==> flow/design.v <==
module alu_comparator_mod #(
  parameter DW = 20
) (
  input  logic clock,
  input  logic RSTN,
  input  logic [DW-1:0] u,
  input  logic [DW-1:0] v,
  input  logic [DW-1:0] w,
  output logic [DW-1:0] o
);
  logic [DW-1:0] u_s;
  always_ff @(posedge clock or negedge RSTN) begin
    if (!RSTN) begin
      u_s <= '0;
    end else begin
      u_s <= u;
    end
  end
  logic [DW-1:0] v_s;
  always_ff @(posedge clock or negedge RSTN) begin
    if (!RSTN) begin
      v_s <= '0;
    end else begin
      v_s <= v;
    end
  end
  logic [DW-1:0] w_s;
  always_ff @(posedge clock or negedge RSTN) begin
    if (!RSTN) begin
      w_s <= '0;
    end else begin
      w_s <= w;
    end
  end
  assign o = (u_s < v_s) ? v_s : (u_s > w_s) ? w_s : u_s;
endmodule
# Step by step through the tools: alu_comparator_mod
# The steps from the RTL of alu_comparator_mod to its reports follow in flow order.
# Line numbers count from 1 in the design file above.
# Operators: Yosys type, input widths -> output width; for muxes data width and select width s.
# The mark n/a stands for no value.
# design
top	alu_comparator_mod
clock	clock
cell_library	sky130hd
corner	tt_025C_1v80

# Word-level counts
# Yosys after proc, flatten, opt, wreduce and memory -nomap, before mapping. Enables and synchronous resets that opt folds into registers are not counted as muxes. Memory bits, and registers merged into a memory's read port (data or address), are not among the register bits. Print and check cells are not counted. Equal cells are merged and count once.
# classes
reduce_and_logical	0
shifts	0
bitwise	0
n_mul	0
mux	2
compare	2
div	0
equal	0
addsub	0
# ops
cell	n
$mux 20	2
$gt 20x20->1	1
$lt 20x20->1	1
# bits
input_bits	62
ramBits	0
clocked_rd_ports_x_width	0
register_bits	60
memories	0
romBits	0
word_cells	7
latchBits	0

# Depth
# Longest topological path by Yosys (ltp), each cell counted once; first at word level (registers and memories cut), then after technology mapping (sequential cells cut; the memories' decode and read muxes count).
# logic_depth
ltp_word	3
ABC_AREA	0
depth_mapped	10

# Synthesis result
# The flow's flattened synthesis, as Yosys stat reports it; memories are mapped. The netlist is that of the ABC_AREA named above (0 if unset); the other value can give another one.
# Totals and module areas in this step are rounded.
# types
cell	n
sky130_fd_sc_hd__dfrtp_1	60
sky130_fd_sc_hd__ha_1	39
sky130_fd_sc_hd__inv_1	39
sky130_fd_sc_hd__a31oi_1	22
sky130_fd_sc_hd__nand3_1	25
sky130_fd_sc_hd__nor3_1	22
sky130_fd_sc_hd__o21ai_0	17
sky130_fd_sc_hd__a21oi_1	12
sky130_fd_sc_hd__clkbuf_8	4
sky130_fd_sc_hd__o21ai_1	8
sky130_fd_sc_hd__nand4_1	6
sky130_fd_sc_hd__a21o_1	4
sky130_fd_sc_hd__nand2_1	8
sky130_fd_sc_hd__nand4_2	2
sky130_fd_sc_hd__a211oi_1	3
sky130_fd_sc_hd__a31oi_4	1
sky130_fd_sc_hd__buf_12	1
sky130_fd_sc_hd__nor2_1	5
# Not listed: further types 21, cells in them 25.
# mapped
area_um2	3144
stdcells	303
ffs	60

# Path before layout
# OpenSTA on the mapped netlist: ideal clock, no wires. The path of least setup slack (recovery checks aside). Input and output delay are each 20% of the period. Register names are those of the netlist, which keeps one name where synthesis merged equal registers.
# synth_path
path_kind	reg-to-output
startpoint	register u_s[11]
endpoint	output o[10]
setup_slack_ns	0.490
delay_ns	1.966
arrival_time_ns	1.966
clock_period_ns	3.07
path_stages	10
t_first_pin_ns	0.000
path_buffers	2
period_less_setup_slack_ns	2.58
# "delay_ns" is the arrival time less input delay plus setup time.
# At an output port there is no setup time.
# "path_stages": output pins that drive a net of the path, with the launching flip-flop's if there is one; two outputs of one cell count as two.
# "period_less_setup_slack_ns" = period - worst setup slack (recovery checks aside). The figure is calculated, with input and output delays left at 20% of the set period.
# The rows between start and end are the longest chain of elaborated cells between them; the timing report does not say that the signal goes this way. Where chains are equally long, one stands for them.
# Each line given opens the expression or statement behind the cell; cells for indexed reads and writes are added by Yosys, which also makes memories of some case tables.
# synth_via
path_cell_list	sky130_fd_sc_hd__dfrtp_1 > sky130_fd_sc_hd__ha_1 > sky130_fd_sc_hd__nand4_2 > sky130_fd_sc_hd__or3_4 > sky130_fd_sc_hd__nand2_4 > sky130_fd_sc_hd__a31o_1 > sky130_fd_sc_hd__buf_6 > sky130_fd_sc_hd__buf_12 > sky130_fd_sc_hd__nand3_1 > sky130_fd_sc_hd__a31oi_1
elab_chain_len	3
cells_between	4
cone_lines	1
# synth_lines
item	line_no	text
start, declared	11	logic [DW-1:0] u_s;
start, assigned	14	u_s <= '0;
start, assigned	16	u_s <= u;
$gt 20x20->1	35	assign o = (u_s < v_s) ? v_s : (u_s > w_s) ? w_s : u_s;
$mux 20 x2	35
end, declared	9	output logic [DW-1:0] o

# Worst path after layout
# Path of least setup slack in the final report of flow run 2 (OpenROAD, finished layout, wires in). Where an end is a register, its clock arrival counts in the times.
# layout_path
path_kind	reg-to-output
startpoint	register u_s[9]
endpoint	output o[12]
path_buffers	4
t_first_pin_ns	0.34
setup_slack_ns	-0.20
path_stages	11
arrival_time_ns	2.66
clock_period_ns	3.07
# The rows between start and end are the longest chain of elaborated cells between them; the timing report does not say that the signal goes this way. Where chains are equally long, one stands for them.
# layout_via
path_cell_list	sky130_fd_sc_hd__dfrtp_1 > sky130_fd_sc_hd__ha_1 > sky130_fd_sc_hd__nand4_2 > sky130_fd_sc_hd__buf_6 > sky130_fd_sc_hd__a211o_1 > sky130_fd_sc_hd__a31oi_4 > sky130_fd_sc_hd__buf_6 > sky130_fd_sc_hd__buf_6 > sky130_fd_sc_hd__o21ai_2 > sky130_fd_sc_hd__a31oi_1 > sky130_fd_sc_hd__buf_2
elab_chain_len	3
cells_between	4
cone_lines	1
# layout_lines
item	line_no	text
start, declared	11	logic [DW-1:0] u_s;
start, assigned	14	u_s <= '0;
start, assigned	16	u_s <= u;
$gt 20x20->1	35	assign o = (u_s < v_s) ? v_s : (u_s > w_s) ? w_s : u_s;
$mux 20 x2	35
end, declared	9	output logic [DW-1:0] o

# Measured results for alu_comparator_mod: 3 stored runs of the Yosys and OpenROAD flow on sky130hd. The settings differ; the order carries no meaning. The constraints put input and output delay at 20% of the set period each and load the outputs with 0.01 pF.
# By "timing.achieved_period_ns" is meant the clock period of the run minus its worst setup slack. This is arithmetic on one report: input and output delays are still those of the set period (20% each).
# By "worst_path_ns" is meant the share of the clock period that the worst setup path is allowed (20% is reserved at inputs, 20% at outputs), minus its slack. Clock arrival times at its registers enter into it.
# "totalPower_uw": no workload was simulated; the value follows from the tool's default switching activity.
# The results are shown rounded.
# Among the settings, -- means not set for that run.
# A result given as -- is not shown for that run.
stored run	period_ns	CORE_UTILIZATION	SETUP_SLACK_MARGIN	PLACE_DENSITY_LB_ADDON	HOLD_SLACK_MARGIN	CORE_ASPECT_RATIO	CORE_MARGIN	CELL_PAD_IN_SITES_GLOBAL_PLACEMENT	CELL_PAD_IN_SITES_DETAIL_PLACEMENT	GPL_TIMING_DRIVEN	CAP_MARGIN	MAX_ROUTING_LAYER	SLEW_MARGIN	CTS_CLUSTER_SIZE	CTS_CLUSTER_DIAMETER	MIN_ROUTING_LAYER	ys_area_um2	die_area_um2	util_pct	worstSetupSlack_ns	totalPower_uw	timing.achieved_period_ns	worst_path_ns	worst_setup_path_type
flow run 1	2.03	66	0.11	0.04	0.18	0.78	7	2	0	1	20	met5	20	--	--	--	--	--	--	--	--	--	--	--
flow run 2	3.07	40	--	--	--	--	2	--	--	--	20	--	20	--	--	--	3144	8586	62.0	-0.204	2187	3.274	2.66	reg-to-output
flow run 3	4.85	34	--	0.05	--	0.74	10	--	--	--	20	--	20	68	107	met1	3144	13540	48.0	0.752	1508	4.098	3.13	reg-to-output
# Flow run 1: no results, placement failed with FLW-0024
